==> flow/design.v <==
module my_mplex_p #(
  parameter NBITS = 2,
  parameter WAYS = 5,
  parameter LG = $clog2(WAYS)
) (
  input  wire ck,
  input  wire rst,
  input  wire en,
  input  wire [WAYS*NBITS-1:0] val_i,
  input  wire [LG-1:0] addr_i,
  output wire [NBITS-1:0] y_o
);
  reg [WAYS*NBITS-1:0] val_reg;
  reg [LG-1:0] addr_reg;
  wire [NBITS-1:0] opt [0:WAYS-1];
  genvar g;
  generate
    for (g = 0; g < WAYS; g = g + 1) begin : lane
      assign opt[g] = val_reg[g*NBITS +: NBITS];
    end
  endgenerate
  assign y_o = opt[addr_reg];
  always @(posedge ck or posedge rst) begin
    if (rst) begin
      val_reg <= 0;
      addr_reg <= 0;
    end else if (en) begin
      val_reg <= val_i;
      addr_reg <= addr_i;
    end
  end
endmodule
## Step by step through the tools: my_mplex_p

Tool output for the design above, in the order of the flow.
Lines are those of the file above, counted from 1.
Library cell names are shortened.
Not given: --

- Design top: my_mplex_p
- Clock port: ck
- Cell library: sky130hd
- Timing corner: tt_025C_1v80

## Elaborated design

Counts by Yosys on the flattened word-level netlist (proc, flatten, opt, wreduce). Print and check cells are left out. Cells with the same type and inputs are merged into one.

- Flip-flop bits (word level): 13
- Input port bits: 16
- Output and inout port bits: 2
- Word-level cells: 8

- Equal/unequal tests: 4
- Multiplexer cells: 1
- Reductions and logical operators: 1

Operators by type and width:

| kind | count |
|---|---|
| 2-bit parallel mux with 5-bit select | 1 |
| 3-bit by 2-bit == test with 1-bit output with constant B | 2 |
| 3-bit by 1-bit == test with 1-bit output with constant B | 1 |
| 3-bit == test with constant B | 1 |
| 3-bit logical NOT | 1 |

## Depth

Yosys ltp: most cells in a row. Word level: on the elaborated netlist, between registers, memories and ports. Mapped: between sequential cells and ports; inverters and the memories' decode and read muxes count.

- Depth in word-level cells: 2
- ABC_AREA: 0
- Gate-level depth with buffers: 4
- Mapped depth without buffers: 3

## After synthesis

Yosys stat after the flow's synthesis: flattened, memories mapped to cells. It holds for the ABC_AREA given above (unset counts as 0); a run with the other value may have another netlist.

- Standard cells after synthesis: 49
- Chip area (Yosys): 623.1 um^2
- Area of sequential cells: 325.3 um^2
- Mapped flip-flops: 13
- Buffers: 3

Cell types:

| type | count | total area (um^2) |
|---|---|---|
| dfrtp_1 | 13 | 325.312 |
| mux2_1 | 11 | 123.869 |
| nand3b_1 | 4 | 30.029 |
| nor4b_1 | 2 | 17.517 |
| o22a_1 | 2 | 17.517 |
| a211oi_1 | 2 | 15.014 |
| nor3b_2 | 1 | 12.512 |
| buf_6 | 1 | 11.261 |
| mux2_2 | 1 | 11.261 |
| nand2_1 | 3 | 11.261 |
| a21oi_1 | 2 | 10.01 |
| buf_2 | 2 | 10.01 |
| a211o_1 | 1 | 8.758 |
| inv_1 | 2 | 7.507 |
| nor2b_1 | 1 | 6.256 |
| o21ai_1 | 1 | 5.005 |

## Path before layout

Path of least setup slack by OpenSTA after synthesis, without wires, with an ideal clock, recovery checks aside; 20% of the period is set as input and as output delay. Where synthesis merged equal registers, the netlist keeps one of their names.

- Path kind: register to output
- Start: register addr_reg[0]
- End: output y_o[1]
- Clock period: 1.75 ns
- External output delay: 0.350 ns
- Launch time at the first pin: 0.000 ns
- Data arrival time: 1.121 ns
- Data required time: 1.400 ns
- Slack: 0.279 ns
- Path delay: 1.121 ns
- Driving pins on the path: 5
- Path buffers: 1
- Synthesis period reached: 1.471 ns

"path delay" is the arrival time less input delay plus setup time.
A path that ends at an output port has no setup time.
"driving pins on the path" counts driving pins, that of a launching flip-flop among them; a cell with two outputs on the path counts twice.
"synthesis period reached" is the clock period less the worst setup slack; recovery checks do not enter. This is arithmetic on one report: input and output delays are still those of the set period (20% each).
Between the ends stands the longest chain of elaborated cells between them, by number of cells; it is not shown to be the way that was timed. Of several equally long chains one is given.
A line is the first line of the expression or statement that the cell stems from. Yosys adds cells for indexed reads and writes and turns some case tables into memories.

- Cells stage by stage: dfrtp_1 -> buf_6 -> nor2b_1 -> a211o_1 -> o22a_1
- Length of the longest elaborated chain: 2
- Elaborated cells on any way between the ends: 6
- RTL lines with such cells: 1

RTL lines, path post-synthesis:

| item | RTL line | text |
|---|---|---|
| start: declaration | 14 | `reg [LG-1:0] addr_reg;` |
| start: assignment | 26 | `addr_reg <= 0;` |
| start: assignment | 29 | `addr_reg <= addr_i;` |
| 3-bit == test | 22 | `assign y_o = opt[addr_reg];` |
| 2-bit parallel mux with 5-bit select | 22 |  |
| end: declaration | 11 | `output wire [NBITS-1:0] y_o` |

## Worst path after layout

From the final timing report of job 1: the path of least setup slack in the routed layout; clock arrival at registers is part of the times.

- Path kind: register to output
- Start: register addr_reg[2]
- End: output y_o[0]
- Clock period: 0.93 ns
- External output delay: 0.19 ns
- Launch time at the first pin: 0.24 ns
- Data arrival time: 1.51 ns
- Data required time: 0.74 ns
- Slack: -0.76 ns
- Driving pins on the path: 6
- Path buffers: 2

Between the ends stands the longest chain of elaborated cells between them, by number of cells; it is not shown to be the way that was timed. Of several equally long chains one is given.

- Cells stage by stage: dfrtp_2 -> buf_6 -> nor4b_4 -> a211oi_2 -> o22a_1 -> buf_2
- Length of the longest elaborated chain: 2
- Elaborated cells on any way between the ends: 6
- RTL lines with such cells: 1

RTL lines, path post-layout:

| item | RTL line | text |
|---|---|---|
| start: declaration | 14 | `reg [LG-1:0] addr_reg;` |
| start: assignment | 26 | `addr_reg <= 0;` |
| start: assignment | 29 | `addr_reg <= addr_i;` |
| 3-bit == test | 22 | `assign y_o = opt[addr_reg];` |
| 2-bit parallel mux with 5-bit select | 22 |  |
| end: declaration | 11 | `output wire [NBITS-1:0] y_o` |

Wiki page: my_mplex_p / flow data

3 stored runs of my_mplex_p in the flow (synthesis by Yosys, layout by OpenROAD, sky130hd cells), in arbitrary order. Constraints: input delay and output delay 20% of the set period each, output load 0.01 pF.
"period reached" is the run's clock period less its worst setup slack. It is reckoned from that one timing run; input and output delays stay at 20% of the period that was set.
"time of the worst setup path" means the part of the period allowed to the worst setup path (the constraints hold back 20% at inputs and 20% at outputs) less its slack; where the path has registers, the arrival times of their clocks count too.
"total power of the final layout" is the tool's figure for a default switching activity; nothing was simulated.

### Job 1

Settings: `period_ns=0.93`, `CORE_UTILIZATION=29`, `PLACE_DENSITY_LB_ADDON=0.18`, `CORE_ASPECT_RATIO=0.56`, `GPL_TIMING_DRIVEN=0`, `MAX_ROUTING_LAYER=met5`, `CAP_MARGIN=20`, `CORE_MARGIN=2`, `SLEW_MARGIN=20`

- Synthesized cell area: 623.1 um^2
- Area of the die: 2,550.9 um^2
- Standard-cell area after layout: 942.2 um^2
- Utilization of the finished layout: 46.8%
- Worst setup slack after layout: -0.761 ns
- Setup TNS: -1.500 ns
- Total power of the final layout: 1.509 mW
- Period reached: 1.691 ns
- Time of the worst setup path: 1.51 ns
- Type of the worst setup path: register to output

### Job 2

Settings: `period_ns=1.75`, `CAP_MARGIN=20`, `CORE_MARGIN=2`, `CORE_UTILIZATION=40`, `SLEW_MARGIN=20`

- Synthesized cell area: 623.1 um^2
- Area of the die: 1,889.6 um^2
- Standard-cell area after layout: 902.1 um^2
- Utilization of the finished layout: 60.6%
- Worst setup slack after layout: -0.103 ns
- Setup TNS: -0.180 ns
- Total power of the final layout: 0.7030 mW
- Period reached: 1.853 ns
- Time of the worst setup path: 1.50 ns
- Type of the worst setup path: register to output

### Job 3

Settings: `period_ns=1.13`, `CORE_UTILIZATION=50`, `PLACE_DENSITY_LB_ADDON=0.06`, `HOLD_SLACK_MARGIN=0.03`, `CORE_MARGIN=5`, `CELL_PAD_IN_SITES_GLOBAL_PLACEMENT=1`, `TNS_END_PERCENT=65`, `GPL_TIMING_DRIVEN=1`, `GPL_ROUTABILITY_DRIVEN=1`, `SLEW_MARGIN=35`, `CAP_MARGIN=20`

- Synthesized cell area: 623.1 um^2
- Area of the die: 2,052.1 um^2
- Standard-cell area after layout: 920.9 um^2
- Utilization of the finished layout: 80.7%
- Worst setup slack after layout: -0.616 ns
- Setup TNS: -1.217 ns
- Total power of the final layout: 1.123 mW
- Period reached: 1.746 ns
- Time of the worst setup path: 1.52 ns
- Type of the worst setup path: register to output
